==> flow/design.v <==
module shifter (clk, rstn, val, by, dout);
    parameter DWIDTH = 10;
    localparam SBITS = $clog2(DWIDTH);
    input clk;
    input rstn;
    input [DWIDTH-1:0] val;
    input [SBITS-1:0] by;
    output [DWIDTH-1:0] dout;
    wire [DWIDTH-1:0] tree [0:SBITS];
    assign tree[0] = val;
    genvar gi;
    generate
        for (gi = 0; gi < SBITS; gi = gi + 1) begin : row
            assign tree[gi+1] = by[gi] ? tree[gi] << (1 << gi) : tree[gi];
        end
    endgenerate
    reg [DWIDTH-1:0] dout_q;
    always @(posedge clk or negedge rstn) begin
        if (!rstn) begin
            dout_q <= 0;
        end else begin
            dout_q <= tree[SBITS];
        end
    end
    assign dout = dout_q;
endmodule
--- tool output ---
From RTL to reports: shifter --
Module shifter in several versions that differ in "DWIDTH"; each step lists the members. The RTL above is that of DWIDTH 10; lines are counted from 1 in the file of the member named. Operators: Yosys type, input widths -> output width; for muxes data width and select width s. Library cell names are shortened. Not given: -
Inputs: top shifter, clock clk, standard-cell library sky130hd, timing corner tt_025C_1v80

Source of the members --
New or changed lines of each further member against the RTL above, in its own file; lines it lacks are not shown.
Lines new or changed:
- DWIDTH 16 | line 2 | parameter DWIDTH = 16;
- DWIDTH 40 | line 2 | parameter DWIDTH = 40;
- DWIDTH 80 | line 2 | parameter DWIDTH = 80;

Word-level counts --
Counts by Yosys on the flattened word-level netlist (proc, flatten, opt, wreduce; memories kept). Register bits leave out memories and registers merged into their read ports (data or address); mux counts leave out enables and synchronous resets folded into registers. Print and check cells are left out. Cells with the same type and inputs are merged into one.
Bit counts:
- DWIDTH 10 | register bits 10, input port bits 16, output and inout bits 10, word-level cells 5
- DWIDTH 16 | register bits 16, input port bits 22, output and inout bits 16, word-level cells 5
- DWIDTH 40 | register bits 40, input port bits 48, output and inout bits 40, word-level cells 7
- DWIDTH 80 | register bits 80, input port bits 89, output and inout bits 80, word-level cells 8
Cells by class (multiplexer cells):
- DWIDTH 10 | 4
- DWIDTH 16 | 4
- DWIDTH 40 | 6
- DWIDTH 80 | 7
Operators by type and width (kind and count):
- DWIDTH 10 | 4 x $mux 10
- DWIDTH 16 | 4 x $mux 16
- DWIDTH 40 | 6 x $mux 40
- DWIDTH 80 | 7 x $mux 80

Depth --
Yosys ltp: most cells in a row. Word level: on the elaborated netlist, between registers, memories and ports. Mapped: between sequential cells and ports; inverters and the memories' decode and read muxes count.
Logic depth:
- DWIDTH 10 | depth in word-level cells 4, ABC_AREA 0, gate-level depth with buffers 5, depth with buffers taken out 3
- DWIDTH 16 | depth in word-level cells 4, ABC_AREA 0, gate-level depth with buffers 6, depth with buffers taken out 4
- DWIDTH 40 | depth in word-level cells 6, ABC_AREA 0, gate-level depth with buffers 7, depth with buffers taken out 4
- DWIDTH 80 | depth in word-level cells 7, ABC_AREA 0, gate-level depth with buffers 9, depth with buffers taken out 5

After synthesis --
Yosys stat after the flow's synthesis: flattened, memories mapped to cells. It holds for the ABC_AREA given above (unset counts as 0); a run with the other value may have another netlist.
Cell types (types with counts):
- DWIDTH 10 | 10 x dfrtp_1; 10 x mux2i_1; 7 x o22ai_1; 3 x mux2_2; 2 x a2111oi_2; 3 x o22a_1; 2 x buf_6; 1 x buf_12; 3 x nand2b_1; 1 x mux2i_2; 2 x nor2b_1; 2 x nor4_1; 1 x o221ai_1; 1 x buf_4; 1 x nand3b_1; 1 x or2_1; 1 x buf_2; 1 x o21ai_1; [+3]
- DWIDTH 16 | 16 x dfrtp_1; 15 x mux2i_1; 4 x mux4_2; 2 x mux4_1; 7 x a21oi_1; 8 x nand2_1; 2 x a211oi_2; 5 x o21ai_0; 4 x o22ai_1; 2 x buf_6; 3 x and2_1; 5 x inv_1; 2 x nand3b_1; 4 x nor2_1; 2 x o211ai_1; 3 x o21ai_1; 3 x clkbuf_1; 1 x mux2_2; [+12]
- DWIDTH 40 | 40 x dfrtp_1; 35 x mux4_2; 23 x mux2_2; 21 x mux2i_1; 5 x mux4_1; 26 x nor2_1; 7 x mux2_1; 11 x o22ai_1; 3 x buf_12; 10 x buf_2; 6 x a211oi_1; 6 x a22oi_1; 6 x nand2b_1; 4 x o221ai_1; 9 x inv_1; 8 x clkbuf_1; 4 x nor3b_1; 3 x a32oi_1; [+59]
- DWIDTH 80 | 80 x dfrtp_1; 73 x mux4_2; 74 x mux2i_1; 59 x mux2_2; 14 x mux4_1; 63 x nor2_1; 29 x o22ai_1; 40 x nand2_1; 27 x a21oi_1; 27 x clkbuf_1; 13 x o211ai_1; 14 x o21ai_0; 8 x o22a_1; 13 x buf_2; 7 x o221ai_1; 6 x a22oi_1; 12 x buf_1; 4 x buf_6; [+109]
The mark [+n] counts cells that are not listed.
Mapped netlist:
- DWIDTH 10 | cell count 55, cell area after synthesis 635.6 um2, sequential area 250.2 um2, mapped flip-flops 10, buffers 5
- DWIDTH 16 | cell count 100, cell area after synthesis 1048.5 um2, sequential area 400.4 um2, mapped flip-flops 16, buffers 8
- DWIDTH 40 | cell count 286, cell area after synthesis 3404.5 um2, sequential area 1001.0 um2, mapped flip-flops 40, buffers 28
- DWIDTH 80 | cell count 672, cell area after synthesis 7546.0 um2, sequential area 2001.9 um2, mapped flip-flops 80, buffers 62

Path before layout --
OpenSTA on the mapped netlist: ideal clock, no wires. The path of least setup slack (recovery checks aside). Input and output delay are each 20% of the period. Register names are those of the netlist, which keeps one name where synthesis merged equal registers.
Timing path post-synthesis:
- DWIDTH 10 | kind input-to-reg, from in by[0], to reg dout_q[9], clock period 1.33 ns, setup slack 0.211 ns, driving pins on the path 5, delay of the path 0.853 ns, period reached after synthesis 1.119 ns
- DWIDTH 16 | kind input-to-reg, from in by[1], to reg dout_q[12], clock period 1.63 ns, setup slack 0.261 ns, driving pins on the path 4, delay of the path 1.043 ns, period reached after synthesis 1.369 ns
- DWIDTH 40 | kind input-to-reg, from in by[0], to reg dout_q[32], clock period 2.48 ns, setup slack 0.400 ns, driving pins on the path 6, delay of the path 1.584 ns, period reached after synthesis 2.08 ns
- DWIDTH 80 | kind input-to-reg, from in by[1], to reg dout_q[78], clock period 3.2 ns, setup slack 0.509 ns, driving pins on the path 7, delay of the path 2.051 ns, period reached after synthesis 2.691 ns
"delay of the path" is the arrival time less input delay plus setup time. "driving pins on the path": output pins that drive a net of the path, with the launching flip-flop's if there is one; two outputs of one cell count as two. "period reached after synthesis" is the clock period less the worst setup slack; recovery checks do not enter. This is arithmetic on one report: input and output delays are still those of the set period (20% each). Between the ends stands the longest chain of elaborated cells between them, by number of cells; it is not shown to be the way that was timed. Of several equally long chains one is given. Each line given opens the expression or statement behind the cell; cells for indexed reads and writes are added by Yosys, which also makes memories of some case tables.
Between the ends, post-synthesis, DWIDTH 10: length of the longest elaborated chain 4
Ends and longest elaborated chain, post-synthesis, DWIDTH 10:
- start: declaration | line 7 | input [SBITS-1:0] by;
- $mux 10 (4 in a row) | line 14 | assign tree[gi+1] = by[gi] ? tree[gi] << (1 << gi) : tree[gi];
- end: assignment | line 20 | dout_q <= 0;
- end: assignment | line 22 | dout_q <= tree[SBITS];
- end: declaration | line 17 | reg [DWIDTH-1:0] dout_q;
Between the ends, post-synthesis, DWIDTH 80: length of the longest elaborated chain 6
Ends and longest elaborated chain, post-synthesis, DWIDTH 80:
- start: declaration | line 7 | input [SBITS-1:0] by;
- $mux 80 (6 in a row) | line 14 | assign tree[gi+1] = by[gi] ? tree[gi] << (1 << gi) : tree[gi];
- end: assignment | line 20 | dout_q <= 0;
- end: assignment | line 22 | dout_q <= tree[SBITS];
- end: declaration | line 17 | reg [DWIDTH-1:0] dout_q;

Worst path after layout --
Path of least setup slack in the final report of each member's run (OpenROAD, finished layout, wires in). Where an end is a register, its clock arrival counts in the times.
Timing path after layout:
- DWIDTH 10 | kind input-to-reg, from in val[1], to reg dout_q[9], clock period 1.33 ns, setup slack 0.04 ns, driving pins on the path 5, arrival time 1.43 ns, path buffers 2
- DWIDTH 16 | kind input-to-reg, from in val[11], to reg dout_q[14], clock period 1.63 ns, setup slack 0.08 ns, driving pins on the path 5, arrival time 1.71 ns, path buffers 1
- DWIDTH 40 | kind input-to-reg, from in val[12], to reg dout_q[30], clock period 2.48 ns, setup slack 0.19 ns, driving pins on the path 6, arrival time 2.48 ns, path buffers 2
- DWIDTH 80 | kind input-to-reg, from in by[0], to reg dout_q[73], clock period 3.2 ns, setup slack 0.33 ns, driving pins on the path 8, arrival time 3.07 ns, path buffers 3

Layout results --
One run of the flow (Yosys, OpenROAD) for each member, with settings and measured results. Input and output delays are each 20% of the period that was set; the output load is 0.01 pF.
Settings: CAP_MARGIN 20, CORE_MARGIN 2, CORE_UTILIZATION 40, SLEW_MARGIN 20
Settings by member (period_ns):
- DWIDTH 10 | 1.33
- DWIDTH 16 | 1.63
- DWIDTH 40 | 2.48
- DWIDTH 80 | 3.2
Results:
- DWIDTH 10 | chip area in the Yosys report 635.6 um2, overall die area 1923.7 um2, standard-cell area after layout 967.2 um2, utilization in the final report 64.2%, setup slack of the critical path 0.044 ns, total negative slack on setup checks 0.000 ns, power consumption 829.3 µW, achieved clock period 1.286 ns
- DWIDTH 16 | chip area in the Yosys report 1048.5 um2, overall die area 3047.0 um2, standard-cell area after layout 1637.8 um2, utilization in the final report 66.1%, setup slack of the critical path 0.079 ns, total negative slack on setup checks 0.000 ns, power consumption 1068 µW, achieved clock period 1.551 ns
- DWIDTH 40 | chip area in the Yosys report 3404.5 um2, overall die area 9265.0 um2, standard-cell area after layout 4519.3 um2, utilization in the final report 55.0%, setup slack of the critical path 0.186 ns, total negative slack on setup checks 0.000 ns, power consumption 1945 µW, achieved clock period 2.294 ns
- DWIDTH 80 | chip area in the Yosys report 7546.0 um2, overall die area 19979.8 um2, standard-cell area after layout 10282.4 um2, utilization in the final report 55.3%, setup slack of the critical path 0.329 ns, total negative slack on setup checks 0.000 ns, power consumption 3919 µW, achieved clock period 2.871 ns
By "achieved clock period" is meant the clock period of the run minus its worst setup slack. This is arithmetic on one report: input and output delays are still those of the set period (20% each). "power consumption" is the tool's figure for a default switching activity; nothing was simulated.
--- end ---
